==> flow/design.v <==
module sync_registers_n #(
    parameter WORDS = 6,
    parameter W = 8,
    parameter AW = $clog2(WORDS)
) (
    input wire clock,
    input wire rst_n,
    input wire in_write,
    input wire [AW-1:0] in_wr_addr,
    input wire [W-1:0] in_wd,
    input wire [AW-1:0] in_read_addr_a,
    input wire [AW-1:0] in_read_addr_b,
    output wire [W-1:0] out_dout_a,
    output wire [W-1:0] out_dout_b
);
    reg write_d1;
    reg [AW-1:0] wr_addr_d1;
    reg [W-1:0] wd_d1;
    always @(posedge clock or negedge rst_n) begin
        if (!rst_n) begin
            write_d1 <= 1'b0;
            wr_addr_d1 <= 0;
            wd_d1 <= 0;
        end else begin
            write_d1 <= in_write;
            wr_addr_d1 <= in_wr_addr;
            wd_d1 <= in_wd;
        end
    end
    reg [W-1:0] mem [WORDS-1:0];
    always @(posedge clock) begin
        if (write_d1)
            mem[wr_addr_d1] <= wd_d1;
    end
    reg [AW-1:0] read_addr_a_d1;
    reg [AW-1:0] read_addr_b_d1;
    always @(posedge clock or negedge rst_n) begin
        if (!rst_n) begin
            read_addr_a_d1 <= 0;
            read_addr_b_d1 <= 0;
        end else begin
            read_addr_a_d1 <= in_read_addr_a;
            read_addr_b_d1 <= in_read_addr_b;
        end
    end
    assign out_dout_a = mem[read_addr_a_d1];
    assign out_dout_b = mem[read_addr_b_d1];
endmodule
==> Tool chain data of sync_registers_n <==
What the tools print for sync_registers_n, step after step.
Lines are those of the file above, counted from 1.
{ "setup": {"top_module": "sync_registers_n", "clock_port": "clock", "lib": "sky130hd", "lib_corner": "tt_025C_1v80"} }

==> Word level <==
Source: Yosys, flattened and elaborated, memories not mapped. Widths are those after wreduce; folded enables and synchronous resets count as part of the registers. Registers that Yosys merges into a memory's read port (data or address) are not register bits. Print and check cells do not count. Equal cells are merged and count once.
Yosys's memory passes give these memory sizes; they may raise the number of words (mostly to a power of two), join words into wider ones and drop unused or constant bits.
{ "word_totals": {"in_bits": 20, "elab_cells": 9, "ramBits": 48, "out_inout_bits": 16, "reg_bits": 18, "n_memories": 1} }
{ "op_classes": {"n_mux": 3} }
{ "memory_table": {"columns": ["memory", "size", "width", "read_ports", "wr", "line_no", "source"], "rows": [
  ["mem", 6, 8, 2, 1, 30, "reg [W-1:0] mem [WORDS-1:0];"]
]} }
{ "op_table": {"columns": ["operator", "n"], "rows": [
  ["8-bit 2-to-1 mux", 1],
  ["3-bit 2-to-1 mux", 1],
  ["1-bit 2-to-1 mux", 1]
]} }

==> Depth <==
Yosys ltp: most cells in a row. Word level: on the elaborated netlist, between registers, memories and ports. Mapped: between sequential cells and ports; inverters and the memories' decode and read muxes count.
{ "logic_depth": {"word_depth": 1, "abc_area": 0, "ltp_mapped": 4, "depth_no_buf": 2} }

==> After synthesis <==
The flow's flattened synthesis, as Yosys stat reports it; memories are mapped. The netlist is that of the ABC_AREA named above (0 if unset); the other value can give another one.
Totals and module areas in this step are rounded.
{ "by_type": {"columns": ["type", "n", "area_total_um2"], "rows": [
  ["sky130_fd_sc_hd__edfxtp_1", 48, 1.44E+03],
  ["sky130_fd_sc_hd__dfrtp_1", 18, 450.432],
  ["sky130_fd_sc_hd__mux4_2", 16, 360.346],
  ["sky130_fd_sc_hd__mux2_2", 22, 247.738],
  ["sky130_fd_sc_hd__mux2_4", 6, 90.086],
  ["sky130_fd_sc_hd__mux2_1", 4, 45.043],
  ["sky130_fd_sc_hd__buf_6", 3, 33.782],
  ["sky130_fd_sc_hd__buf_12", 1, 20.019],
  ["sky130_fd_sc_hd__nand2b_1", 3, 18.768],
  ["sky130_fd_sc_hd__nor2_1", 4, 15.014],
  ["sky130_fd_sc_hd__nor3_1", 2, 10.01],
  ["sky130_fd_sc_hd__buf_1", 2, 7.507],
  ["sky130_fd_sc_hd__clkbuf_2", 1, 5.005],
  ["sky130_fd_sc_hd__clkbuf_1", 1, 3.754],
  ["sky130_fd_sc_hd__nand2_1", 1, 3.754]
]} }
{ "synth_totals": {"sequential_area_mm2": 0.00189, "buf_cells": 8, "ff_cells": 66, "synth_area_mm2": 0.00275, "cell_count": 132} }

==> Worst setup path after synthesis <==
Source: OpenSTA report_checks on the synthesized netlist (no wires, ideal clock, input and output delay 20% of the period each), path of least setup slack; recovery checks are left aside. Register names are those of the netlist, which keeps one name where synthesis merged equal registers.
{ "synth_path": {"path_kind": "register -> output", "from": "reg read_addr_b_d1[1]", "to": "out out_dout_b[5]", "arrival_time_ns": 1.396, "clock_period_ns": 2.18, "path_slack_ns": 0.348, "t_first_pin_ns": 0.000, "n_path_buf": 2, "driving_pins": 5, "output_delay_ns": 0.436, "t_required_ns": 1.744, "path_delay_ns": 1.396, "synth_period_reached_ns": 1.832} }
"path_delay_ns" is the arrival time less input delay plus setup time.
At an output port there is no setup time.
"driving_pins": output pins that drive a net of the path, with the launching flip-flop's if there is one; two outputs of one cell count as two.
"synth_period_reached_ns" = period - worst setup slack (recovery checks aside). The figure is calculated, with input and output delays left at 20% of the set period.
Between the ends stands the longest chain of elaborated cells between them, by number of cells; it is not shown to be the way that was timed. Of several equally long chains one is given.
A line is the first line of the expression or statement that the cell stems from. Yosys adds cells for indexed reads and writes and turns some case tables into memories.
The chain passes a memory read, where the word-level depth is cut; so it can be longer than that depth.
{ "synth_between": {"path_cell_list": "sky130_fd_sc_hd__dfrtp_1 sky130_fd_sc_hd__buf_6 sky130_fd_sc_hd__buf_12 sky130_fd_sc_hd__mux2_1 sky130_fd_sc_hd__mux4_2", "elab_chain_len": 1, "cone_cells": 1, "lines_between": 1, "cone_classes": "memory: 1"} }
{ "synth_lines": {"columns": ["element", "line_no", "source"], "rows": [
  ["start: declaration", 36, "reg [AW-1:0] read_addr_b_d1;"],
  ["start: assignment", 40, "read_addr_b_d1 <= 0;"],
  ["start: assignment", 43, "read_addr_b_d1 <= in_read_addr_b;"],
  ["memory read 6 x 8 bit", 30, "reg [W-1:0] mem [WORDS-1:0];"],
  ["end: declaration", 14, "output wire [W-1:0] out_dout_b"]
]} }

==> Worst path after layout <==
From the final timing report of record 1: the path of least setup slack in the routed layout; clock arrival at registers is part of the times.
{ "layout_path": {"path_kind": "register -> output", "from": "reg read_addr_b_d1[1]", "to": "out out_dout_b[2]", "t_required_ns": 1.74, "t_first_pin_ns": 0.32, "clock_period_ns": 2.18, "output_delay_ns": 0.44, "driving_pins": 5, "arrival_time_ns": 1.87, "path_slack_ns": -0.13, "n_path_buf": 2} }
Between the ends stands the longest chain of elaborated cells between them, by number of cells; it is not shown to be the way that was timed. Of several equally long chains one is given.
The chain passes a memory read, where the word-level depth is cut; so it can be longer than that depth.
{ "layout_between": {"path_cell_list": "sky130_fd_sc_hd__dfrtp_2 sky130_fd_sc_hd__buf_16 sky130_fd_sc_hd__mux2_4 sky130_fd_sc_hd__mux4_2 sky130_fd_sc_hd__buf_6", "elab_chain_len": 1, "cone_cells": 1, "lines_between": 1, "cone_classes": "memory: 1"} }
{ "layout_lines": {"columns": ["element", "line_no", "source"], "rows": [
  ["start: declaration", 36, "reg [AW-1:0] read_addr_b_d1;"],
  ["start: assignment", 40, "read_addr_b_d1 <= 0;"],
  ["start: assignment", 43, "read_addr_b_d1 <= in_read_addr_b;"],
  ["memory read 6 x 8 bit", 30, "reg [W-1:0] mem [WORDS-1:0];"],
  ["end: declaration", 14, "output wire [W-1:0] out_dout_b"]
]} }

Subject: sync_registers_n on sky130hd, stored results

Hello all,

Measured results for sync_registers_n: 3 stored runs of the Yosys and OpenROAD flow on sky130hd. The settings differ; the order carries no meaning. The constraints put input and output delay at 20% of the set period each and load the outputs with 0.01 pF.
"timing.achieved_period_ns" is the run's clock period less its worst setup slack. It is reckoned from that one timing run; input and output delays stay at 20% of the period that was set.
"worst_path_allowed_less_slack_ns" = time allowed to the worst setup path (clock period - input delay - output delay, where it has them) - its slack; a late launch clock adds to it, a late capture clock takes from it.
By "power_total_uw" is meant OpenSTA's value without simulated activity: inputs other than the clock are taken to toggle once in ten clock periods, and the tool carries that through the logic.
The measured numbers are rounded.
[
  {
    "run": "record 1",
    "settings": { "period_ns": 2.18, "CAP_MARGIN": 20, "CORE_MARGIN": 2, "CORE_UTILIZATION": 40, "SLEW_MARGIN": 20 },
    "results": { "ys_area_mm2": 0.00275, "timing.setup.ws_ns": -0.130, "power_total_uw": 2570, "worst_path_allowed_less_slack_ns": 1.87, "timing.worst_path_kind": "register -> output", "utilization_pct": 54.1, "timing.achieved_period_ns": 2.310, "tns_setup_ns": -1.53, "die_footprint_mm2": 0.00756 }
  },
  {
    "run": "record 2",
    "settings": { "period_ns": 3.35, "CORE_UTILIZATION": 26, "SETUP_SLACK_MARGIN": 0.22, "PLACE_DENSITY": 0.87, "CORE_ASPECT_RATIO": 0.57, "CELL_PAD_IN_SITES_GLOBAL_PLACEMENT": 0, "CELL_PAD_IN_SITES_DETAIL_PLACEMENT": 2, "GPL_ROUTABILITY_DRIVEN": 0, "CAP_MARGIN": 15, "SLEW_MARGIN": 30, "CORE_MARGIN": 2 },
    "results": { "ys_area_mm2": 0.00275, "timing.setup.ws_ns": 0.371, "power_total_uw": 1910, "worst_path_allowed_less_slack_ns": 2.31, "timing.worst_path_kind": "register -> output", "utilization_pct": 33.8, "timing.achieved_period_ns": 2.979, "tns_setup_ns": 0.000, "die_footprint_mm2": 0.0115 }
  },
  {
    "run": "record 3",
    "settings": { "period_ns": 1.11, "CORE_UTILIZATION": 41, "SETUP_SLACK_MARGIN": 0.06, "PLACE_DENSITY_LB_ADDON": 0.22, "CORE_MARGIN": 8, "ABC_AREA": 1, "GPL_TIMING_DRIVEN": 0, "GPL_ROUTABILITY_DRIVEN": 0, "CTS_CLUSTER_DIAMETER": 57, "CAP_MARGIN": 25, "SLEW_MARGIN": 35 },
    "results": { "ys_area_mm2": 0.00283, "timing.setup.ws_ns": -0.664, "power_total_uw": 5630, "worst_path_allowed_less_slack_ns": 1.55, "timing.worst_path_kind": "register -> output", "utilization_pct": 66.0, "timing.achieved_period_ns": 1.774, "tns_setup_ns": -10.3, "die_footprint_mm2": 0.00981 }
  }
]

Thanks
